==> flow/design.v <==
module sync_plus_n #(
    parameter int WD = 12,
    parameter int NIN = 24,
    parameter int SUM_W = WD + $clog2(NIN)
) (
    input  logic CLK,
    input  logic [NIN*WD-1:0] bus,
    output logic [SUM_W-1:0] q
);
    wire [SUM_W-1:0] lvl [1:2*NIN-1];
    generate
        for (genvar i = 0; i < NIN; i++) begin : u_g
            assign lvl[NIN+i] = bus[i*WD +: WD];
        end
        for (genvar i = 1; i < NIN; i++) begin : blk
            assign lvl[i] = lvl[2*i] + lvl[2*i+1];
        end
    endgenerate
    always_ff @(posedge CLK)
        q <= lvl[1];
endmodule
### From RTL to reports: sync_plus_n

Tool output for the design above, in the order of the flow.
Line numbers count from 1 in the design file above.
Cell names lack the library's common part.
A cell with -- has no value.

| set-up | value |
|---|---|
| design top | sync_plus_n |
| clock | CLK |
| library | sky130hd |
| library corner | tt_025C_1v80 |

### Word-level counts

Counts by Yosys on the flattened word-level netlist (proc, flatten, opt, wreduce; memories kept). Register bits leave out memories and registers merged into their read ports (data or address); mux counts leave out enables and synchronous resets folded into registers. Print and check cells are left out. Cells with the same type and inputs are merged into one.

| word-level totals | value |
|---|---|
| register bits after elaboration | 17 |
| bits of input ports | 289 |
| output and inout port bits | 17 |
| cells after elaboration | 24 |

| operators by class | value |
|---|---|
| $add $sub $neg | 23 |

Operator list:

| operator | count |
|---|---|
| adder 17 bit | 11 |
| adder 12 x 12 -> 13 bit | 12 |

### Depth

Depth = most cells in a row (Yosys ltp): at word level without a register or memory, in the mapped netlist without a sequential cell, where the memories' decode and read muxes count.

| logic depth | value |
|---|---|
| depth in word-level cells | 5 |
| ABC_AREA | 0 |
| gate-level depth with buffers | 24 |
| depth with buffers taken out | 23 |

### After synthesis

Yosys stat after the flow's synthesis: flattened, memories mapped to cells. It holds for the ABC_AREA given above (unset counts as 0); a run with the other value may have another netlist.

Cell types:

| cell type | count | area in all (sq um) |
|---|---|---|
| fa_1 | 139 | 2.78E+03 |
| ha_1 | 166 | 2.08E+03 |
| xnor2_1 | 76 | 665.638 |
| inv_1 | 172 | 645.619 |
| a21oi_1 | 91 | 455.437 |
| a21o_1 | 54 | 405.389 |
| dfxtp_1 | 17 | 340.326 |
| xor2_1 | 38 | 332.819 |
| o21ai_0 | 48 | 240.23 |
| nand2_1 | 48 | 180.173 |
| nor2b_1 | 28 | 175.168 |
| nor2_1 | 45 | 168.912 |
| nand2b_1 | 26 | 162.656 |
| nor3_1 | 27 | 135.13 |
| nand3_1 | 24 | 120.115 |
| a211oi_1 | 14 | 105.101 |
| a31oi_1 | 16 | 100.096 |
| o21bai_1 | 12 | 90.086 |

Not listed: further types 50, cells in them 176.

| synthesis totals | value |
|---|---|
| mapped cells | 1,217 |
| synthesis area | 10,488.8 sq um |
| sequential part of the area | 340.3 sq um |
| flip-flops | 17 |
| buffer cells | 7 |

### Worst setup path after synthesis

OpenSTA on the mapped netlist: ideal clock, no wires. The path of least setup slack (recovery checks aside). Input and output delay are each 20% of the period. Register names are those of the netlist, which keeps one name where synthesis merged equal registers.

| timing after synthesis | value |
|---|---|
| path type | input -> register |
| start point | input port bus[72] |
| end point | register q[14] |
| clock period | 8.59 ns |
| input delay | 1.718 ns |
| setup time | 0.095 ns |
| launch time at the first pin | 1.718 ns |
| arrival time | 7.120 ns |
| required time | 8.495 ns |
| slack | 1.374 ns |
| delay of the path | 5.497 ns |
| driving pins on the path | 19 |
| buffers on the path | 0 |
| period reached after synthesis | 7.216 ns |

"delay of the path" is the arrival time less input delay plus setup time.
"driving pins on the path" counts driving pins, that of a launching flip-flop among them; a cell with two outputs on the path counts twice.
"period reached after synthesis" = period - worst setup slack (recovery checks aside). The figure is calculated, with input and output delays left at 20% of the set period.
Between the ends stands the longest chain of elaborated cells between them, by number of cells; it is not shown to be the way that was timed. Of several equally long chains one is given.
Each line given opens the expression or statement behind the cell; cells for indexed reads and writes are added by Yosys, which also makes memories of some case tables.

| between the ends, after synthesis | value |
|---|---|
| cells stage by stage | ha_1 > fa_1 > a21oi_2 > o21bai_1 > or4b_4 > and2_4 > o311ai_2 > fa_1 > fa_1 > fa_1 > fa_1 > inv_1 > fa_1 > inv_1 > ha_1 > a211o_1 > and4b_1 > or2_1 > o311ai_1 |
| length of the longest elaborated chain | 4 |
| elaborated cells on any way between the ends | 4 |
| source lines of those cells | 1 |
| classes of those cells | add/sub: 4 |

RTL lines, path after synthesis:

| what | RTL line | RTL |
|---|---|---|
| from (decl) | 7 | `input  logic [NIN*WD-1:0] bus,` |
| adder 12 x 12 -> 13 bit | 16 | `assign lvl[i] = lvl[2*i] + lvl[2*i+1];` |
| adder 17 bit (3 in a row) | 16 |  |
| to (assign) | 20 | `q <= lvl[1];` |
| to (decl) | 8 | `output logic [SUM_W-1:0] q` |

### Timing after layout

From the final timing report of run 3: the path of least setup slack in the routed layout; clock arrival at registers is part of the times.

| timing post-layout | value |
|---|---|
| path type | input -> register |
| start point | input port bus[144] |
| end point | register q[13] |
| clock period | 8.59 ns |
| input delay | 1.72 ns |
| setup time | 0.12 ns |
| launch time at the first pin | 1.72 ns |
| arrival time | 7.91 ns |
| required time | 8.72 ns |
| slack | 0.81 ns |
| driving pins on the path | 23 |
| buffers on the path | 1 |

Between the ends stands the longest chain of elaborated cells between them, by number of cells; it is not shown to be the way that was timed. Of several equally long chains one is given.

| between the ends, post-layout | value |
|---|---|
| cells stage by stage | clkdlybuf4s50_1 > ha_1 > inv_1 > fa_1 > nor2b_1 > o2111ai_1 > a31oi_1 > nor4_1 > a311oi_1 > fa_1 > fa_1 > inv_1 > fa_1 > fa_1 > inv_1 > fa_1 > inv_1 > ha_1 > a21oi_1 > o21ai_0 > a31oi_1 > a21oi_1 > xor2_1 |
| length of the longest elaborated chain | 5 |
| elaborated cells on any way between the ends | 5 |
| source lines of those cells | 1 |
| classes of those cells | add/sub: 5 |

RTL lines, path post-layout:

| what | RTL line | RTL |
|---|---|---|
| from (decl) | 7 | `input  logic [NIN*WD-1:0] bus,` |
| adder 12 x 12 -> 13 bit | 16 | `assign lvl[i] = lvl[2*i] + lvl[2*i+1];` |
| adder 17 bit (4 in a row) | 16 |  |
| to (assign) | 20 | `q <= lvl[1];` |
| to (decl) | 8 | `output logic [SUM_W-1:0] q` |

Subject: sync_plus_n on sky130hd, stored results

Hello all,

Top module sync_plus_n; platform sky130hd; tools Yosys and OpenROAD; 3 stored runs in no particular order. Input and output delays are each 20% of the period that was set; the output load is 0.01 pF.
By "clock period achieved" is meant the clock period of the run minus its worst setup slack. This is arithmetic on one report: input and output delays are still those of the set period (20% each).
"worst path time" = time allowed to the worst setup path (clock period - input delay - output delay, where it has them) - its slack; a late launch clock adds to it, a late capture clock takes from it.

## Run 1

==> flow/run.sh <==
#!/bin/bash
# the make line also repeats the synthesis and layout settings of config.mk as NAME=value (left out here)
make -C /OpenROAD-flow-scripts/flow DESIGN_CONFIG=/design/flow/config.mk WORK_HOME=/design/flow/orfs CLKGATE_MAP_FILE= finish
==> flow/config.mk <==
export PLATFORM = sky130hd
export DESIGN_NAME = sync_plus_n
export DESIGN_NICKNAME = sync_plus_n
export VERILOG_FILES = /design/flow/design.v
export SDC_FILE = /design/flow/constraint.sdc
export NUM_CORES = 4
export LEC_CHECK = 0
export CAP_MARGIN = 20
export CELL_PAD_IN_SITES_GLOBAL_PLACEMENT = 2
export CORE_MARGIN = 2
export CORE_UTILIZATION = 48
export GPL_ROUTABILITY_DRIVEN = 1
export PLACE_DENSITY = 0.78
export SETUP_SLACK_MARGIN = 0.96
export SLEW_MARGIN = 15
export TNS_END_PERCENT = 75
==> flow/constraint.sdc <==
create_clock -name core_clock -period 5.86 [get_ports {CLK}]
set_input_delay 1.1720 -clock core_clock [delete_from_list [all_inputs] [get_ports {CLK}]]
set_output_delay 1.1720 -clock core_clock [all_outputs]
set_load 0.01 [all_outputs]

Run 1: did not finish, placement stopped with GPL-0301

## Run 2

==> flow/run.sh <==
#!/bin/bash
# the make line also repeats the synthesis and layout settings of config.mk as NAME=value (left out here)
make -C /OpenROAD-flow-scripts/flow DESIGN_CONFIG=/design/flow/config.mk WORK_HOME=/design/flow/orfs CLKGATE_MAP_FILE= finish
==> flow/config.mk <==
export PLATFORM = sky130hd
export DESIGN_NAME = sync_plus_n
export DESIGN_NICKNAME = sync_plus_n
export VERILOG_FILES = /design/flow/design.v
export SDC_FILE = /design/flow/constraint.sdc
export NUM_CORES = 4
export LEC_CHECK = 0
export CAP_MARGIN = 5
export CELL_PAD_IN_SITES_DETAIL_PLACEMENT = 0
export CELL_PAD_IN_SITES_GLOBAL_PLACEMENT = 0
export CORE_MARGIN = 10
export CORE_UTILIZATION = 71
export CTS_CLUSTER_SIZE = 25
export GPL_TIMING_DRIVEN = 0
export PLACE_DENSITY = 0.91
export SETUP_SLACK_MARGIN = 1.46
export SLEW_MARGIN = 20
==> flow/constraint.sdc <==
create_clock -name core_clock -period 6.96 [get_ports {CLK}]
set_input_delay 1.3920 -clock core_clock [delete_from_list [all_inputs] [get_ports {CLK}]]
set_output_delay 1.3920 -clock core_clock [all_outputs]
set_load 0.01 [all_outputs]

Run 2: did not finish, placement stopped with GPL-0301

## Run 3

==> flow/run.sh <==
#!/bin/bash
# the make line also repeats the synthesis and layout settings of config.mk as NAME=value (left out here)
make -C /OpenROAD-flow-scripts/flow DESIGN_CONFIG=/design/flow/config.mk WORK_HOME=/design/flow/orfs CLKGATE_MAP_FILE= finish
==> flow/config.mk <==
export PLATFORM = sky130hd
export DESIGN_NAME = sync_plus_n
export DESIGN_NICKNAME = sync_plus_n
export VERILOG_FILES = /design/flow/design.v
export SDC_FILE = /design/flow/constraint.sdc
export NUM_CORES = 4
export LEC_CHECK = 0
export CAP_MARGIN = 20
export CORE_MARGIN = 2
export CORE_UTILIZATION = 40
export SLEW_MARGIN = 20
==> flow/constraint.sdc <==
create_clock -name core_clock -period 8.59 [get_ports {CLK}]
set_input_delay 1.7180 -clock core_clock [delete_from_list [all_inputs] [get_ports {CLK}]]
set_output_delay 1.7180 -clock core_clock [all_outputs]
set_load 0.01 [all_outputs]

| result of run 3 | value |
|---|---|
| mapped cell area after synthesis | 10,488.8 sq um |
| die size | 27,532.8 sq um |
| standard-cell area after layout | 14,017.2 sq um |
| post-layout utilization | 0.541 |
| setup slack of the critical path | 0.809 ns |
| total negative slack on setup checks | 0.000 ns |
| final worst hold slack | 2.715 ns |
| clock period achieved | 7.781 ns |
| worst path time | 6.06 ns |
| worst setup path type | input -> register |

Thanks
